==> flow/design.v <==
module mem_rtl #(
  parameter NWORDS = 32,
  parameter NBITS = 12,
  parameter AW = $clog2(NWORDS)
) (
  input CLK,
  input wen,
  input [AW-1:0] waddr,
  input [NBITS-1:0] d,
  input [AW-1:0] raddr_a,
  input [AW-1:0] raddr_b,
  output reg [NBITS-1:0] dout_a,
  output reg [NBITS-1:0] dout_b
);
  reg [NBITS-1:0] array [0:NWORDS-1];
  always @(posedge CLK) begin
    if (wen)
      array[waddr] <= d;
  end
  always @(posedge CLK) begin
    dout_a <= array[raddr_a];
    dout_b <= array[raddr_b];
  end
endmodule
# == From RTL to reports: mem_rtl ==
# Tool output for the design above, in the order of the flow.
# Lines are those of the file above, counted from 1.
# Cell names lack the library's common part.
# Not given: n/a
# inputs
top,mem_rtl
clk_port,CLK
library,sky130hd
pvt_corner,tt_025C_1v80

# == After elaboration ==
# Counts by Yosys on the flattened word-level netlist (proc, flatten, opt, wreduce; memories kept). Register bits leave out memories and registers merged into their read ports (data or address); mux counts leave out enables and synchronous resets folded into registers. Print and check cells are left out. Cells with the same type and inputs are merged into one.
# Memory sizes are those after Yosys's memory passes, which may raise the word count (mostly to a power of two), join words into wider ones and drop unused or constant bits.
# word_totals
register_bits,0
latch_bits,0
ramBits,384
romBits,0
clocked_rd_ports_x_width,24
mem_count,1
inputBits,29
wordCells,4
# memory_table
name,size,word_bits,rd,wr,line_no,source
array,32,12,2,1,15,reg [NBITS-1:0] array [0:NWORDS-1];
# classes
add_sub_neg,0
mul,0
div_mod_pow,0
compare,0
eq_ne,0
shift,0
n_mux,3
n_logic,0
reduce_logical,0
# op_table
cell,n
12-bit 2-to-1 mux,1
5-bit 2-to-1 mux,1
1-bit 2-to-1 mux,1

# == Depth ==
# Yosys ltp: most cells in a row. Word level: on the elaborated netlist, between registers, memories and ports. Mapped: between sequential cells and ports; inverters and the memories' decode and read muxes count.
# depth
depth_word,1
ABC_AREA,0
depth_mapped,8
mapped_depth_nobuf,5

# == Synthesis result ==
# Yosys stat after the flow's synthesis: flattened, memories mapped to cells. It holds for the ABC_AREA given above (unset counts as 0); a run with the other value may have another netlist.
# synth_totals
cells,1306
yosys_area_um2,19195.9
ffs,408
n_buf,95
# types
cell,n
edfxtp_1,384
mux2i_1,384
a22oi_1,96
dfxtp_1,24
a22o_1,48
buf_12,16
nand3_1,50
a21oi_1,48
nand2_1,49
a31oi_1,24
nand4_1,24
buf_2,28
nor2_1,35
buf_6,11
nor3_1,24
buf_4,13
clkbuf_1,21
buf_8,4
# Other cell types: 8; their cells: 23.

# == Worst setup path after synthesis ==
# OpenSTA on the mapped netlist: ideal clock, no wires. The path of least setup slack (recovery checks aside). Input and output delay are each 20% of the period. Register names are those of the netlist, which keeps one name where synthesis merged equal registers.
# synth_timing
path_type,input port to flip-flop
from,input waddr[1]
to,memory array[0][0]
clock_period_ns,2.45
setup_time_ns,0.380
t_first_pin_ns,0.490
arrival_ns,1.676
required_time_ns,2.070
slack_ns,0.393
path_delay_ns,1.566
stages,3
path_buffers,1
period_less_setup_slack_ns,2.057
# "path_delay_ns" = arrival - input delay + setup time.
# "stages": output pins that drive a net of the path, with the launching flip-flop's if there is one; two outputs of one cell count as two.
# "period_less_setup_slack_ns" is the clock period less the worst setup slack; recovery checks do not enter. This is arithmetic on one report: input and output delays are still those of the set period (20% each).
# Between the ends stands the longest chain of elaborated cells between them, by number of cells; it is not shown to be the way that was timed. Of several equally long chains one is given.
# A line is the first line of the expression or statement that the cell stems from. Yosys adds cells for indexed reads and writes and turns some case tables into memories.
# synth_via
path_cell_list,or3b_2 clkbuf_1 nor2_1
elab_chain_cells,1
cone_cells,1
cone_lines,1
classes_between,mux (1)
# synth_lines
item,line_no,source
from (decl),8,"input [AW-1:0] waddr,"
5-bit 2-to-1 mux,17,if (wen)
to (decl),15,reg [NBITS-1:0] array [0:NWORDS-1];

# == Timing after layout ==
# Path of least setup slack in the final report of stored run 1 (OpenROAD, finished layout, wires in). Where an end is a register, its clock arrival counts in the times.
# layout_timing
path_type,input port to flip-flop
from,input raddr_a[2]
to,register dout_a[6]
clock_period_ns,2.45
setup_time_ns,0.17
t_first_pin_ns,0.49
arrival_ns,2.61
required_time_ns,2.85
slack_ns,0.24
stages,8
path_buffers,4
# layout_via
path_cell_list,clkdlybuf4s50_1 nor2b_4 buf_12 buf_4 buf_4 a22oi_1 a31oi_1 nand3_1
# layout_lines
item,line_no,source
from (decl),10,"input [AW-1:0] raddr_a,"
to (decl),12,"output reg [NBITS-1:0] dout_a,"
# Chain of elaborated cells between the ends: none given.

# mem_rtl through Yosys and OpenROAD on sky130hd: 3 stored runs, unordered, with their settings and measured results. The constraints put input and output delay at 20% of the set period each and load the outputs with 0.01 pF.
# "clock_period_reached_ns" is the run's clock period less its worst setup slack. It is reckoned from that one timing run; input and output delays stay at 20% of the period that was set.
# "timing.worst_path_ns": the worst setup path's part of the clock period (all of it between registers, 20% less for each end at a port) less its slack. A launch clock that arrives late makes it longer, a capture clock that arrives late makes it shorter.
# "final_power_w" is the tool's figure for a default switching activity; nothing was simulated.
# Settings: -- = not set for that run.
stored run,period_ns,CAP_MARGIN,CORE_MARGIN,CORE_UTILIZATION,SLEW_MARGIN,PLACE_DENSITY_LB_ADDON,CELL_PAD_IN_SITES_DETAIL_PLACEMENT,TNS_END_PERCENT,ABC_AREA,CTS_CLUSTER_SIZE,CTS_CLUSTER_DIAMETER,SETUP_SLACK_MARGIN,CELL_PAD_IN_SITES_GLOBAL_PLACEMENT,GPL_TIMING_DRIVEN,GPL_ROUTABILITY_DRIVEN,clock_period_reached_ns,post_synth_area_um2,worstSetupSlack_ns,die_footprint_um2,post_route_stdcell_area_um2,final_power_w,setup_tns_ns,timing.worst_path_ns,worst_path_kind,timing.hold.ws_ns,finish.utilization_pct
stored run 1,2.45,20,2,40,20,--,--,--,--,--,--,--,--,--,--,2.209,19195.9,0.241,49758.0,22715.5,0.015479,0.000,1.72,input port to flip-flop,0.632,47.8
stored run 2,1.57,20,2,36,40,0.26,2,70,0,94,126,--,--,--,--,1.589,19195.9,-0.019,55185.1,23402.4,0.0207,-0.026,1.59,flip-flop to flip-flop,0.324,44.4
stored run 3,2.19,20,10,26,20,0.11,--,10,--,--,--,0.47,1,1,1,1.924,19195.9,0.266,85097.6,24866.3,0.019029,0.000,1.49,input port to flip-flop,0.613,34.0
